==> flow/design.v <==
module cpu_mux_stage #(
    parameter NBITS = 2,
    parameter COUNT = 7,
    parameter LOGN = $clog2(COUNT)
) (
    input logic ck,
    input logic [COUNT*NBITS-1:0] ch,
    input logic [LOGN-1:0] sel,
    output logic [NBITS-1:0] o
);
    logic [COUNT*NBITS-1:0] ch_r;
    always_ff @(posedge ck) begin
        ch_r <= ch;
    end
    logic [LOGN-1:0] sel_r;
    always_ff @(posedge ck) begin
        sel_r <= sel;
    end
    logic [COUNT*NBITS-1:0] cur;
    assign cur = ch_r >> (sel_r * NBITS);
    always_ff @(posedge ck) begin
        o <= cur[NBITS-1:0];
    end
endmodule
Reports on cpu_mux_stage
A sweep over "COUNT": the same steps for each member of the family.
The file above is the member COUNT 7. Line numbers count from 1 in each member's own file.
Cell names lack the library's common part.
A cell with -- has no value.
- design top: cpu_mux_stage
- clock input: ck
- cell library: sky130hd
- library corner: tt_025C_1v80

Source of the members
New or changed lines of each further member against the RTL above, in its own file; lines it lacks are not shown.
- new or changed lines (COUNT ; line ; source):
    8 ; 3 ; parameter COUNT = 8,
    12 ; 3 ; parameter COUNT = 12,
    16 ; 3 ; parameter COUNT = 16,
    24 ; 3 ; parameter COUNT = 24,

Word-level counts
Counts by Yosys on the flattened word-level netlist (proc, flatten, opt, wreduce; memories kept). Register bits leave out memories and registers merged into their read ports (data or address); mux counts leave out enables and synchronous resets folded into registers. Print and check cells are left out. Cells with the same type and inputs are merged into one.
- bit counts (COUNT ; elaborated cells ; input bits ; bits in registers ; output and inout bits):
    7 ; 4 ; 18 ; 19 ; 2
    8 ; 4 ; 20 ; 21 ; 2
    12 ; 4 ; 29 ; 30 ; 2
    16 ; 4 ; 37 ; 38 ; 2
    24 ; 4 ; 54 ; 55 ; 2
- operators by class (COUNT ; shift operators):
    7 ; 1
    8 ; 1
    12 ; 1
    16 ; 1
    24 ; 1
- operators by type and width (COUNT ; kind and count):
    7 ; 14-bit by 4-bit right shift with 2-bit output (1)
    8 ; 16-bit by 4-bit right shift with 2-bit output (1)
    12 ; 24-bit by 5-bit right shift with 2-bit output (1)
    16 ; 32-bit by 5-bit right shift with 2-bit output (1)
    24 ; 48-bit by 6-bit right shift with 2-bit output (1)

Longest topological paths
Yosys ltp: most cells in a row. Word level: on the elaborated netlist, between registers, memories and ports. Mapped: between sequential cells and ports; inverters and the memories' decode and read muxes count.
- logic depth (COUNT ; depth in word-level cells ; ABC_AREA ; mapped depth ; mapped depth without buffers):
    7 ; 1 ; 0 ; 4 ; 3
    8 ; 1 ; 0 ; 2 ; 2
    12 ; 1 ; 0 ; 4 ; 3
    16 ; 1 ; 0 ; 4 ; 3
    24 ; 1 ; 0 ; 6 ; 4

Synthesis result
Source: synth_stat.txt of the flow (Yosys; design flattened, memories mapped). It holds for the ABC_AREA given above (unset counts as 0); a run with the other value may have another netlist.
The area totals of this step are shown rounded.
- synthesis totals (COUNT ; standard cells after synthesis ; flip-flop cells ; sequential part of the area (mm²) ; cell area after synthesis (mm²) ; buffer cells):
    7 ; 34 ; 19 ; 0.00038 ; 0.000515 ; 1
    8 ; 27 ; 21 ; 0.00042 ; 0.000548 ; 0
    12 ; 50 ; 30 ; 0.000601 ; 0.000818 ; 1
    16 ; 59 ; 38 ; 0.000761 ; 0.00103 ; 2
    24 ; 91 ; 55 ; 0.0011 ; 0.00155 ; 2
- cells by type (COUNT ; types with counts):
    7 ; dfxtp_1 (19); mux2i_1 (6); o211a_1 (2); a221oi_1 (2); nand3b_1 (2); buf_6 (1); and2b_1 (1); nor2_1 (1)
    8 ; dfxtp_1 (21); mux4_1 (4); mux2_2 (2)
    12 ; dfxtp_1 (30); mux4_2 (4); mux2_2 (4); o22ai_1 (2); o31ai_2 (1); buf_6 (1); nand2_1 (3); and2b_2 (1); or2b_2 (1); o31ai_1 (1); nor2_2 (1); nor2_1 (1)
    16 ; dfxtp_1 (38); mux4_1 (4); mux4_2 (4); nand3_1 (4); a22oi_1 (2); nor2b_1 (2); buf_6 (1); nand2_1 (2); clkbuf_1 (1); nor2_1 (1)
    24 ; dfxtp_1 (55); mux4_1 (6); mux2i_1 (8); mux4_2 (2); a221oi_1 (4); a22oi_1 (3); buf_12 (1); a22oi_2 (1); buf_6 (1); nand3_1 (2); o21ai_0 (2); and3b_1 (1); nor3b_1 (1); and2_1 (1); nand2b_1 (1); nor2b_1 (1); or2_2 (1)

Path before layout
OpenSTA on the mapped netlist: ideal clock, no wires. The path of least setup slack (recovery checks aside). Input and output delay are each 20% of the period. Register names are those of the netlist, which keeps one name where synthesis merged equal registers.
- path post-synthesis (COUNT ; kind ; from ; to ; path delay (ns) ; stages on the path ; setup slack (ns) ; clock period (ns) ; synthesis period reached (ns)):
    7 ; register to register ; register sel_r[0] ; register o[0] ; 0.980 ; 5 ; 0.250 ; 1.23 ; 0.98
    8 ; register to register ; register sel_r[0] ; register o[0] ; 1.303 ; 3 ; 0.328 ; 1.63 ; 1.302
    12 ; register to register ; register sel_r[0] ; register o[1] ; 1.213 ; 5 ; 0.307 ; 1.52 ; 1.213
    16 ; register to register ; register sel_r[0] ; register o[1] ; 1.308 ; 5 ; 0.332 ; 1.64 ; 1.308
    24 ; register to register ; register sel_r[0] ; register o[1] ; 1.397 ; 6 ; 0.353 ; 1.75 ; 1.397
"path delay" = arrival - input delay + setup time.
"stages on the path" counts driving pins, that of a launching flip-flop among them; a cell with two outputs on the path counts twice.
"synthesis period reached" = period - worst setup slack (recovery checks aside). The figure is calculated, with input and output delays left at 20% of the set period.
The rows between start and end are the longest chain of elaborated cells between them; the timing report does not say that the signal goes this way. Where chains are equally long, one stands for them.
Each line given opens the expression or statement behind the cell; cells for indexed reads and writes are added by Yosys, which also makes memories of some case tables.
Between the ends, post-synthesis, COUNT 7:
- length of the longest elaborated chain: 1
- RTL lines, path post-synthesis, COUNT 7 (what ; line ; source):
    start, declared ; 15 ; logic [LOGN-1:0] sel_r;
    start, assigned ; 17 ; sel_r <= sel;
    14-bit by 4-bit right shift with 2-bit output ; 20 ; assign cur = ch_r >> (sel_r * NBITS);
    end, assigned ; 22 ; o <= cur[NBITS-1:0];
    end, declared ; 9 ; output logic [NBITS-1:0] o
Between the ends, post-synthesis, COUNT 24:
- length of the longest elaborated chain: 1
- RTL lines, path post-synthesis, COUNT 24 (what ; line ; source):
    start, declared ; 15 ; logic [LOGN-1:0] sel_r;
    start, assigned ; 17 ; sel_r <= sel;
    48-bit by 6-bit right shift with 2-bit output ; 20 ; assign cur = ch_r >> (sel_r * NBITS);
    end, assigned ; 22 ; o <= cur[NBITS-1:0];
    end, declared ; 9 ; output logic [NBITS-1:0] o

Path in the finished layout
From the final timing report of the run of each member: the path of least setup slack in the routed layout; clock arrival at registers is part of the times.
- path after layout (COUNT ; kind ; from ; to ; stages on the path ; setup slack (ns) ; buffers on the path ; arrival time (ns) ; clock period (ns)):
    7 ; register to output ; register o[1] ; output port o[1] ; 2 ; 0.12 ; 1 ; 0.86 ; 1.23
    8 ; register to output ; register o[0] ; output port o[0] ; 2 ; 0.16 ; 1 ; 1.15 ; 1.63
    12 ; register to output ; register o[1] ; output port o[1] ; 2 ; 0.06 ; 1 ; 1.15 ; 1.52
    16 ; register to output ; register o[0] ; output port o[0] ; 2 ; 0.13 ; 1 ; 1.18 ; 1.64
    24 ; register to register ; register sel_r[0] ; register o[0] ; 5 ; 0.24 ; 1 ; 1.69 ; 1.75

Layout results
One run of the flow (Yosys, OpenROAD) for each member, with settings and measured results. Input and output delays are each 20% of the period that was set; the output load is 0.01 pF.
- noted CAP_MARGIN: 20
- CORE_MARGIN at 2
- CORE_UTILIZATION: 40
- SLEW_MARGIN: 20
- settings that differ (COUNT ; period_ns):
    7 ; 1.23
    8 ; 1.63
    12 ; 1.52
    16 ; 1.64
    24 ; 1.75
- final reports (COUNT ; worst setup slack after layout (ns) ; post-route worst hold slack (ns) ; clock period reached (ns) ; area of the synthesized netlist (mm²) ; final utilization ; power (mW) ; total negative slack on setup checks (ns) ; area inside the die boundary (mm²)):
    7 ; 0.120 ; 0.393 ; 1.110 ; 0.000515 ; 0.644 ; 1.05 ; 0.000 ; 0.00159
    8 ; 0.158 ; 0.459 ; 1.472 ; 0.000548 ; 0.626 ; 0.879 ; 0.000 ; 0.00168
    12 ; 0.062 ; 0.423 ; 1.458 ; 0.000818 ; 0.631 ; 1.57 ; 0.000 ; 0.00242
    16 ; 0.133 ; 0.426 ; 1.507 ; 0.00103 ; 0.608 ; 1.60 ; 0.000 ; 0.003
    24 ; 0.238 ; 0.491 ; 1.512 ; 0.00155 ; 0.602 ; 2.19 ; 0.000 ; 0.00438
"clock period reached" is the run's clock period less its worst setup slack. It is reckoned from that one timing run; input and output delays stay at 20% of the period that was set.
"power" rests on the timing tool's default activity at the inputs, not on a simulated workload.
Measured values are rounded.
